==> flow/design.v <==
module add_unit_v2 #(
   parameter DWIDTH = 120,
   parameter GROUP = 5
) (
   input logic ck,
   input logic [DWIDTH-1:0] in_first,
   input logic [DWIDTH-1:0] in_second,
   input logic in_carry_in,
   output logic [DWIDTH-1:0] out_sum,
   output logic out_carry
);
   logic [DWIDTH-1:0] first_r;
   logic [DWIDTH-1:0] second_r;
   logic carry_in_r;
   localparam NG = DWIDTH / GROUP;
   logic [DWIDTH-1:0] r;
   logic [NG:0] chain;
   assign chain[0] = carry_in_r;
   for (genvar gi = 0; gi < NG; gi++) begin : gen
      wire [GROUP:0] s0 = first_r[gi*GROUP +: GROUP] + second_r[gi*GROUP +: GROUP];
      wire [GROUP:0] s1 = first_r[gi*GROUP +: GROUP] + second_r[gi*GROUP +: GROUP] + 1'b1;
      assign {chain[gi+1], r[gi*GROUP +: GROUP]} = chain[gi] ? s1 : s0;
   end
   always_ff @(posedge ck) begin
      first_r <= in_first;
      second_r <= in_second;
      carry_in_r <= in_carry_in;
      out_sum <= r;
      out_carry <= chain[NG];
   end
endmodule
# From RTL to reports: add_unit_v2
# A sweep over "GROUP": the same steps for each member of the family.
# The file above is the member GROUP = 5. Line numbers count from 1 in each member's own file.
# Cell names lack the library's common part.
# The mark - stands for no value.
[setup] top_module="add_unit_v2" clock="ck" cell_library="sky130hd" pvt_corner="tt_025C_1v80"

# Members of the sweep
# New or changed lines of each further member against the RTL above, in its own file; lines it lacks are not shown.
[src_changes] GROUP=6 line=3 rtl="parameter GROUP = 6"
[src_changes] GROUP=10 line=3 rtl="parameter GROUP = 10"
[src_changes] GROUP=12 line=3 rtl="parameter GROUP = 12"
[src_changes] GROUP=24 line=3 rtl="parameter GROUP = 24"

# Word-level counts
# Source: Yosys, flattened and elaborated, memories not mapped. Widths are those after wreduce; folded enables and synchronous resets count as part of the registers. Registers that Yosys merges into a memory's read port (data or address) are not register bits. Print and check cells do not count. Equal cells are merged and count once.
[classes] GROUP=5 add_sub_neg=48 n_mux=24
[classes] GROUP=6 add_sub_neg=40 n_mux=20
[classes] GROUP=10 add_sub_neg=24 n_mux=12
[classes] GROUP=12 add_sub_neg=20 n_mux=10
[classes] GROUP=24 add_sub_neg=10 n_mux=5
[ops] GROUP=5 operators="24 x adder 5 x 5 -> 6 bit; 24 x adder 6 x 1 -> 6 bit (second input constant); 24 x 2-to-1 mux 6 bit"
[ops] GROUP=6 operators="20 x adder 6 x 6 -> 7 bit; 20 x adder 7 x 1 -> 7 bit (second input constant); 20 x 2-to-1 mux 7 bit"
[ops] GROUP=10 operators="12 x adder 10 x 10 -> 11 bit; 12 x adder 11 x 1 -> 11 bit (second input constant); 12 x 2-to-1 mux 11 bit"
[ops] GROUP=12 operators="10 x adder 12 x 12 -> 13 bit; 10 x adder 13 x 1 -> 13 bit (second input constant); 10 x 2-to-1 mux 13 bit"
[ops] GROUP=24 operators="5 x adder 24 x 24 -> 25 bit; 5 x adder 25 x 1 -> 25 bit (second input constant); 5 x 2-to-1 mux 25 bit"
[word_totals] GROUP=5 reg_bits=362 output_inout_bits=121 elab_cells=77
[word_totals] GROUP=6 reg_bits=362 output_inout_bits=121 elab_cells=65
[word_totals] GROUP=10 reg_bits=362 output_inout_bits=121 elab_cells=41
[word_totals] GROUP=12 reg_bits=362 output_inout_bits=121 elab_cells=35
[word_totals] GROUP=24 reg_bits=362 output_inout_bits=121 elab_cells=20

# Longest topological paths
# Yosys ltp: most cells in a row. Word level: on the elaborated netlist, between registers, memories and ports. Mapped: between sequential cells and ports; inverters and the memories' decode and read muxes count.
[depth] GROUP=5 depth_word=26 abc_area=0 depth_mapped=31 depth_no_buf=31
[depth] GROUP=6 depth_word=22 abc_area=0 depth_mapped=23 depth_no_buf=23
[depth] GROUP=10 depth_word=14 abc_area=0 depth_mapped=23 depth_no_buf=22
[depth] GROUP=12 depth_word=12 abc_area=0 depth_mapped=22 depth_no_buf=21
[depth] GROUP=24 depth_word=7 abc_area=0 depth_mapped=17 depth_no_buf=16

# After synthesis
# Yosys stat after the flow's synthesis: flattened, memories mapped to cells. It holds for the ABC_AREA given above (unset counts as 0); a run with the other value may have another netlist.
[synth_totals] GROUP=5 cell_count=1194 area_um2=13904.6 sequential_area_um2=7247.0 ffs=362 buf_cells=1
[synth_totals] GROUP=6 cell_count=1261 area_um2=14360.0 sequential_area_um2=7247.0 ffs=362 buf_cells=0
[synth_totals] GROUP=10 cell_count=1337 area_um2=14512.7 sequential_area_um2=7247.0 ffs=362 buf_cells=3
[synth_totals] GROUP=12 cell_count=1470 area_um2=15217.1 sequential_area_um2=7247.0 ffs=362 buf_cells=17
[synth_totals] GROUP=24 cell_count=1718 area_um2=16692.3 sequential_area_um2=7247.0 ffs=362 buf_cells=33
[types] GROUP=5 cell_types="362 x dfxtp_1; 144 x ha_1; 130 x xnor2_1; 60 x xor2_1; 24 x fa_1; 69 x a21oi_1; 80 x nor2_1; 66 x nand2_1; 18 x mux2_2; 19 x mux2i_1; 25 x a21o_1; 44 x inv_1; 22 x o21bai_1; 26 x nand3_1; 20 x nand4_1; 16 x nand2b_1; 14 x or3_1; 2 x mux2i_4; (+53)"
[types] GROUP=6 cell_types="362 x dfxtp_1; 140 x ha_1; 128 x xnor2_1; 56 x xor2_1; 20 x fa_1; 44 x a21o_1; 65 x a21oi_1; 60 x nand2_1; 58 x inv_1; 58 x nor2_1; 27 x o21bai_1; 15 x mux2_2; 25 x nand4_1; 15 x mux2i_1; 27 x nand3_1; 16 x o21ai_0; 11 x and3_1; 9 x nand3b_1; (+125)"
[types] GROUP=10 cell_types="362 x dfxtp_1; 132 x ha_1; 146 x xnor2_1; 60 x xor2_1; 82 x a21oi_1; 48 x o21bai_1; 82 x inv_1; 77 x nor2_1; 65 x nand2_1; 12 x fa_1; 38 x nand3_1; 24 x a21o_1; 13 x mux2i_1; 22 x nor3_1; 21 x o21ai_0; 16 x and3_1; 8 x mux2_2; 14 x and2_1; (+115)"
[types] GROUP=12 cell_types="362 x dfxtp_1; 130 x ha_1; 144 x xnor2_1; 53 x xor2_1; 85 x a21oi_1; 91 x nor2_1; 88 x nand2_1; 73 x inv_1; 35 x o21bai_1; 32 x a21o_1; 41 x nand3_1; 10 x fa_1; 34 x o21ai_0; 32 x nor3_1; 21 x o21a_1; 21 x and3_1; 16 x o211ai_1; 8 x mux2_2; (+194)"
[types] GROUP=24 cell_types="362 x dfxtp_1; 125 x ha_1; 130 x xnor2_1; 66 x xor2_1; 111 x a21oi_1; 135 x nor2_1; 112 x nand2_1; 47 x a21o_1; 57 x nand3_1; 27 x mux2i_1; 52 x o21ai_0; 58 x inv_1; 39 x nor3_1; 22 x nand2b_1; 22 x nand4_1; 18 x nor4_1; 14 x o21bai_1; 16 x and2_1; (+305)"
# The mark (+n) counts cells that are not listed.

# Timing after synthesis
# Source: OpenSTA report_checks on the synthesized netlist (no wires, ideal clock, input and output delay 20% of the period each), path of least setup slack; recovery checks are left aside. Register names are those of the netlist, which keeps one name where synthesis merged equal registers.
[synth_timing] GROUP=5 kind="reg-to-reg" from="reg first_r[0]" to="reg out_sum[116]" tclk_ns=11.0 slack_ns=2.209 path_stages=32 path_delay_ns=8.791 period_less_setup_slack_ns=8.791
[synth_timing] GROUP=6 kind="reg-to-reg" from="reg first_r[0]" to="reg out_sum[115]" tclk_ns=8.92 slack_ns=1.780 path_stages=23 path_delay_ns=7.139 period_less_setup_slack_ns=7.14
[synth_timing] GROUP=10 kind="reg-to-reg" from="reg first_r[0]" to="reg out_sum[111]" tclk_ns=7.44 slack_ns=1.486 path_stages=23 path_delay_ns=5.954 period_less_setup_slack_ns=5.954
[synth_timing] GROUP=12 kind="reg-to-reg" from="reg first_r[12]" to="reg out_sum[118]" tclk_ns=6.73 slack_ns=1.344 path_stages=20 path_delay_ns=5.386 period_less_setup_slack_ns=5.386
[synth_timing] GROUP=24 kind="reg-to-reg" from="reg first_r[0]" to="reg out_sum[118]" tclk_ns=5.61 slack_ns=1.125 path_stages=18 path_delay_ns=4.484 period_less_setup_slack_ns=4.485
# "path_delay_ns" = arrival - input delay + setup time.
# "path_stages": output pins that drive a net of the path, with the launching flip-flop's if there is one; two outputs of one cell count as two.
# "period_less_setup_slack_ns" = period - worst setup slack (recovery checks aside). The figure is calculated, with input and output delays left at 20% of the set period.
# Between the ends stands the longest chain of elaborated cells between them, by number of cells; it is not shown to be the way that was timed. Of several equally long chains one is given.
# Each line given opens the expression or statement behind the cell; cells for indexed reads and writes are added by Yosys, which also makes memories of some case tables.
[synth_between_GROUP_5] elab_chain_cells=26
[synth_lines_GROUP_5] item="start, declared" line=12 rtl="logic [DWIDTH-1:0] first_r;"
[synth_lines_GROUP_5] item="start, assigned" line=25 rtl="first_r <= in_first;"
[synth_lines_GROUP_5] item="adder 5 x 5 -> 6 bit" line=21 rtl="wire [GROUP:0] s1 = first_r[gi*GROUP +: GROUP] + second_r[gi*GROUP +: GROUP] + 1'b1;"
[synth_lines_GROUP_5] item="adder 6 x 1 -> 6 bit" line=21
[synth_lines_GROUP_5] item="2-to-1 mux 6 bit x24" line=22 rtl="assign {chain[gi+1], r[gi*GROUP +: GROUP]} = chain[gi] ? s1 : s0;"
[synth_lines_GROUP_5] item="end, assigned" line=28 rtl="out_sum <= r;"
[synth_lines_GROUP_5] item="end, declared" line=9 rtl="output logic [DWIDTH-1:0] out_sum,"
[synth_between_GROUP_24] elab_chain_cells=7
[synth_lines_GROUP_24] item="start, declared" line=12 rtl="logic [DWIDTH-1:0] first_r;"
[synth_lines_GROUP_24] item="start, assigned" line=25 rtl="first_r <= in_first;"
[synth_lines_GROUP_24] item="adder 24 x 24 -> 25 bit" line=21 rtl="wire [GROUP:0] s1 = first_r[gi*GROUP +: GROUP] + second_r[gi*GROUP +: GROUP] + 1'b1;"
[synth_lines_GROUP_24] item="adder 25 x 1 -> 25 bit" line=21
[synth_lines_GROUP_24] item="2-to-1 mux 25 bit x5" line=22 rtl="assign {chain[gi+1], r[gi*GROUP +: GROUP]} = chain[gi] ? s1 : s0;"
[synth_lines_GROUP_24] item="end, assigned" line=28 rtl="out_sum <= r;"
[synth_lines_GROUP_24] item="end, declared" line=9 rtl="output logic [DWIDTH-1:0] out_sum,"

# Timing after layout
# Path of least setup slack in the final report of each member's run (OpenROAD, finished layout, wires in). Where an end is a register, its clock arrival counts in the times.
[layout_timing] GROUP=5 kind="reg-to-reg" from="reg first_r[0]" to="reg out_sum[116]" tclk_ns=11.0 slack_ns=1.10 path_stages=32 t_arrival_ns=10.34 n_path_buf=0
[layout_timing] GROUP=6 kind="reg-to-reg" from="reg first_r[0]" to="reg out_sum[115]" tclk_ns=8.92 slack_ns=0.88 path_stages=23 t_arrival_ns=8.48 n_path_buf=0
[layout_timing] GROUP=10 kind="reg-to-reg" from="reg first_r[0]" to="reg out_sum[111]" tclk_ns=7.44 slack_ns=0.75 path_stages=23 t_arrival_ns=7.11 n_path_buf=1
[layout_timing] GROUP=12 kind="reg-to-reg" from="reg first_r[12]" to="reg out_sum[109]" tclk_ns=6.73 slack_ns=0.57 path_stages=19 t_arrival_ns=6.57 n_path_buf=0
[layout_timing] GROUP=24 kind="reg-to-reg" from="reg first_r[0]" to="reg out_sum[118]" tclk_ns=5.61 slack_ns=0.43 path_stages=18 t_arrival_ns=5.67 n_path_buf=1

# Flow runs
# Settings and results of one run of the flow (Yosys, OpenROAD) for each member follow. The constraints put input and output delay at 20% of the set period each and load the outputs with 0.01 pF.
[flow_settings] CAP_MARGIN=20 CORE_MARGIN=2 CORE_UTILIZATION=40 SLEW_MARGIN=20
[settings_diff] GROUP=5 period_ns=11.0
[settings_diff] GROUP=6 period_ns=8.92
[settings_diff] GROUP=10 period_ns=7.44
[settings_diff] GROUP=12 period_ns=6.73
[settings_diff] GROUP=24 period_ns=5.61
[results] GROUP=5 synth_chip_area_um2=13904.6 design.die.area_um2=36269.3 post_route_util_pct=56.4 worst_setup_slack_ns=1.101 total_negative_slack_ns=0.000 ws_hold_ns=0.513 timing.achieved_period_ns=9.899
[results] GROUP=6 synth_chip_area_um2=14360.0 design.die.area_um2=37432.6 post_route_util_pct=56.1 worst_setup_slack_ns=0.885 total_negative_slack_ns=0.000 ws_hold_ns=0.551 timing.achieved_period_ns=8.035
[results] GROUP=10 synth_chip_area_um2=14512.7 design.die.area_um2=37820.5 post_route_util_pct=56.3 worst_setup_slack_ns=0.748 total_negative_slack_ns=0.000 ws_hold_ns=0.557 timing.achieved_period_ns=6.692
[results] GROUP=12 synth_chip_area_um2=15217.1 design.die.area_um2=39618.9 post_route_util_pct=55.2 worst_setup_slack_ns=0.572 total_negative_slack_ns=0.000 ws_hold_ns=0.514 timing.achieved_period_ns=6.158
[results] GROUP=24 synth_chip_area_um2=16692.3 design.die.area_um2=43380.6 post_route_util_pct=54.5 worst_setup_slack_ns=0.425 total_negative_slack_ns=0.000 ws_hold_ns=0.562 timing.achieved_period_ns=5.185
# By "timing.achieved_period_ns" is meant the clock period of the run minus its worst setup slack. This is arithmetic on one report: input and output delays are still those of the set period (20% each).
